==> flow/design.v <==
module u_ram_block_mod #(
  parameter integer WORDS = 24,
  parameter integer DW = 32,
  parameter integer AWIDTH = $clog2(WORDS),
  parameter integer SLICES = DW / 8
) (
  input  wire CLK,
  input  wire reset,
  input  wire [SLICES-1:0] wstrb,
  input  wire [AWIDTH-1:0] wr_idx,
  input  wire [DW-1:0] d,
  input  wire [AWIDTH-1:0] rsel,
  output wire [DW-1:0] dout
);
  reg [DW-1:0] ram [0:WORDS-1];
  integer i;
  always @(posedge CLK) begin
    for (i = 0; i < SLICES; i = i + 1)
      if (wstrb[i]) ram[wr_idx][8*i +: 8] <= d[8*i +: 8];
  end
  reg [DW-1:0] dout_d1;
  assign dout = dout_d1;
  always @(posedge CLK or posedge reset) begin
    if (reset) begin
      dout_d1 <= 0;
    end else begin
      dout_d1 <= ram[rsel];
    end
  end
endmodule
From RTL to reports: u_ram_block_mod
What the tools print for u_ram_block_mod, step after step. Lines are those of the file above, counted from 1. Operators carry their Yosys type and port widths (W data, S select, Z words). Library cell names are shortened. The mark - stands for no value.

Top module: u_ram_block_mod. Clock input: CLK. Standard-cell library: sky130hd. Timing corner: tt_025C_1v80.

Word-level counts
Counts by Yosys on the flattened word-level netlist (proc, flatten, opt, wreduce; memories kept). Register bits leave out memories and registers merged into their read ports (data or address); mux counts leave out enables and synchronous resets folded into registers. Print and check cells are left out. Cells with the same type and inputs are merged into one. Yosys's memory passes give these memory sizes; they may raise the number of words (mostly to a power of two), join words into wider ones and drop unused or constant bits.

The entry for register bits reads 0. The entry for RAM bits reads 768. Word width x clocked read ports: 32. The entry for memories kept reads 1. Bits of input ports: 48. The figure for output and inout bits is 32. The figure for elaborated cells is 9.

Memory list: ram (depth 24, width 32, rd ports 1, wr ports 1, line 15) `reg [DW-1:0] ram [0:WORDS-1];`.

The entry for muxes and demuxes reads 8.

Operators by type and width (count): $mux W32 (4); $mux W1 (4).

Depth
Depth = most cells in a row (Yosys ltp): at word level without a register or memory, in the mapped netlist without a sequential cell, where the memories' decode and read muxes count.

The figure for word-level depth is 1. ABC_AREA: 0. Depth in mapped cells: 8. The figure for mapped depth without buffers is 4.

Mapped cells and area
The flow's flattened synthesis, as Yosys stat reports it; memories are mapped. The netlist is that of the ABC_AREA named above (0 if unset); the other value can give another one. Totals and module areas in this step are rounded.

Cell count: 1649. The figure for cell area after synthesis is 31100 µm². The figure for sequential part of the area is 23900 µm². Under mapped flip-flops stands 800. The figure for buffer cells is 91.

Cell types: edfxtp_1 (count 768, area in all 2.31E+04 µm²); mux2i_1 (count 234, area in all 2.34E+03 µm²); mux4_2 (count 75, area in all 1689.12 µm²); dfrtp_1 (count 32, area in all 800.768 µm²); and2_1 (count 97, area in all 606.832 µm²); a22oi_1 (count 74, area in all 555.533 µm²); nand2_1 (count 98, area in all 367.853 µm²); mux2_2 (count 32, area in all 360.346 µm²); nand3_1 (count 53, area in all 265.254 µm²); nand4_1 (count 32, area in all 200.192 µm²); clkbuf_1 (count 47, area in all 176.419 µm²); buf_6 (count 15, area in all 168.912 µm²); nor2_1 (count 26, area in all 97.594 µm²); a221oi_1 (count 11, area in all 96.342 µm²); buf_4 (count 9, area in all 67.565 µm²); buf_2 (count 12, area in all 60.058 µm²); buf_8 (count 3, area in all 45.043 µm²); o21ai_0 (count 7, area in all 35.034 µm²).

Not listed: further types 11, cells in them 24.

Path before layout
Path of least setup slack by OpenSTA after synthesis, without wires, with an ideal clock, recovery checks aside; 20% of the period is set as input and as output delay. Where synthesis merged equal registers, the netlist keeps one of their names.

Path kind: input to register. Start: in rsel[2]. End: reg dout_d1[24]. For clock period the number is 2120 ps. The entry for input delay reads 424 ps. The figure for setup time is 128 ps. The figure for time at the first pin is 424 ps. Arrival time: 1650 ps. For required time the number is 1992 ps. Setup slack: 343 ps. The entry for path delay reads 1354 ps. Under stages stands 7. For path buffers the number is 3. For synthesis period reached the number is 1777 ps.

"path delay" = arrival - input delay + setup time. "stages" counts driving pins, that of a launching flip-flop among them; a cell with two outputs on the path counts twice. "synthesis period reached" = period - worst setup slack (recovery checks aside). The figure is calculated, with input and output delays left at 20% of the set period.

Cell sequence: buf_2 buf_2 buf_2 mux4_2 mux2_2 nand2_1 nand3_1.

RTL lines, path after synthesis: start, declared (line 12) `input  wire [AWIDTH-1:0] rsel,`; end, declared (line 21) `reg [DW-1:0] dout_d1;`.

Chain of elaborated cells between the ends: none given.

Worst path after layout
From the final timing report of entry A: the path of least setup slack in the routed layout; clock arrival at registers is part of the times. The report prints the path's times to 10 ps; the period is as set.

Path kind: register to output. Start: reg dout_d1[15]. End: out dout[15]. For clock period the number is 2120 ps. The entry for output delay reads 420 ps. The figure for time at the first pin is 600 ps. Arrival time: 1560 ps. For required time the number is 1700 ps. Setup slack: 130 ps. Under stages stands 2. For path buffers the number is 1.

Cell sequence: dfrtp_1 clkdlybuf4s50_1. The figure for cells in the longest elaborated chain is 0. The figure for elaborated cells between the ends (all ways) is 0. Source lines of those cells: 0.

RTL lines, path after layout: start, declared (line 21) `reg [DW-1:0] dout_d1;`; end, declared (line 13) `output wire [DW-1:0] dout`.

FLOW RESULTS
============

3 stored runs of u_ram_block_mod in the flow (synthesis by Yosys, layout by OpenROAD, sky130hd cells), in arbitrary order. Constraints: input delay and output delay 20% of the set period each, output load 0.01 pF. "total power of the final layout" is the tool's figure for a default switching activity; nothing was simulated. Values from the reports are rounded here.

Files of entry A:
==> flow/run.sh <==
#!/bin/bash
# the make line also repeats the synthesis and layout settings of config.mk as NAME=value (left out here)
make -C /OpenROAD-flow-scripts/flow DESIGN_CONFIG=/design/flow/config.mk WORK_HOME=/design/flow/orfs CLKGATE_MAP_FILE= finish
==> flow/config.mk <==
export PLATFORM = sky130hd
export DESIGN_NAME = u_ram_block_mod
export DESIGN_NICKNAME = u_ram_block_mod
export VERILOG_FILES = /design/flow/design.v
export SDC_FILE = /design/flow/constraint.sdc
export NUM_CORES = 4
export LEC_CHECK = 0
export CAP_MARGIN = 20
export CORE_MARGIN = 2
export CORE_UTILIZATION = 40
export SLEW_MARGIN = 20
==> flow/constraint.sdc <==
create_clock -name core_clock -period 2.12 [get_ports {CLK}]
set_input_delay 0.4240 -clock core_clock [delete_from_list [all_inputs] [get_ports {CLK}]]
set_output_delay 0.4240 -clock core_clock [all_outputs]
set_load 0.01 [all_outputs]

Results of entry A. For the total negative slack the run shows 0 ps. For the die footprint the run shows 80,100 µm². For the utilization of the finished layout the run shows 49.9 %. The measured worst setup slack after layout is 133 ps. The cell area after synthesis comes to 31,100 µm². The total power of the final layout stands at 33,300 uW.

Files of entry B:
==> flow/run.sh <==
#!/bin/bash
# the make line also repeats the synthesis and layout settings of config.mk as NAME=value (left out here)
make -C /OpenROAD-flow-scripts/flow DESIGN_CONFIG=/design/flow/config.mk WORK_HOME=/design/flow/orfs CLKGATE_MAP_FILE= finish
==> flow/config.mk <==
export PLATFORM = sky130hd
export DESIGN_NAME = u_ram_block_mod
export DESIGN_NICKNAME = u_ram_block_mod
export VERILOG_FILES = /design/flow/design.v
export SDC_FILE = /design/flow/constraint.sdc
export NUM_CORES = 4
export LEC_CHECK = 0
export CAP_MARGIN = 15
export CELL_PAD_IN_SITES_GLOBAL_PLACEMENT = 2
export CORE_MARGIN = 2
export CORE_UTILIZATION = 48
export CTS_CLUSTER_SIZE = 22
export GPL_ROUTABILITY_DRIVEN = 1
export GPL_TIMING_DRIVEN = 0
export PLACE_DENSITY_LB_ADDON = 0.29
export SLEW_MARGIN = 20
==> flow/constraint.sdc <==
create_clock -name core_clock -period 1.09 [get_ports {CLK}]
set_input_delay 0.2180 -clock core_clock [delete_from_list [all_inputs] [get_ports {CLK}]]
set_output_delay 0.2180 -clock core_clock [all_outputs]
set_load 0.01 [all_outputs]

Results of entry B. The total power of the final layout stands at 67,800 uW. For the total negative slack the run shows -18,600 ps. For the die footprint the run shows 66,900 µm². The cell area after synthesis comes to 31,100 µm². For the utilization of the finished layout the run shows 57.6 %. The measured worst setup slack after layout is -425 ps.

Files of entry C:
==> flow/run.sh <==
#!/bin/bash
# the make line also repeats the synthesis and layout settings of config.mk as NAME=value (left out here)
make -C /OpenROAD-flow-scripts/flow DESIGN_CONFIG=/design/flow/config.mk WORK_HOME=/design/flow/orfs CLKGATE_MAP_FILE= finish
==> flow/config.mk <==
export PLATFORM = sky130hd
export DESIGN_NAME = u_ram_block_mod
export DESIGN_NICKNAME = u_ram_block_mod
export VERILOG_FILES = /design/flow/design.v
export SDC_FILE = /design/flow/constraint.sdc
export NUM_CORES = 4
export LEC_CHECK = 0
export CAP_MARGIN = 20
export CELL_PAD_IN_SITES_DETAIL_PLACEMENT = 0
export CELL_PAD_IN_SITES_GLOBAL_PLACEMENT = 0
export CORE_MARGIN = 10
export CORE_UTILIZATION = 15
export CTS_CLUSTER_DIAMETER = 77
export PLACE_DENSITY_LB_ADDON = 0.09
export SETUP_SLACK_MARGIN = 0.09
export SLEW_MARGIN = 25
export TNS_END_PERCENT = 55
==> flow/constraint.sdc <==
create_clock -name core_clock -period 1.13 [get_ports {CLK}]
set_input_delay 0.2260 -clock core_clock [delete_from_list [all_inputs] [get_ports {CLK}]]
set_output_delay 0.2260 -clock core_clock [all_outputs]
set_load 0.01 [all_outputs]

Results of entry C. For the utilization of the finished layout the run shows 20.7 %. The cell area after synthesis comes to 31,100 µm². The total power of the final layout stands at 72,000 uW. For the die footprint the run shows 226,000 µm². For the total negative slack the run shows -20,700 ps. The measured worst setup slack after layout is -429 ps.
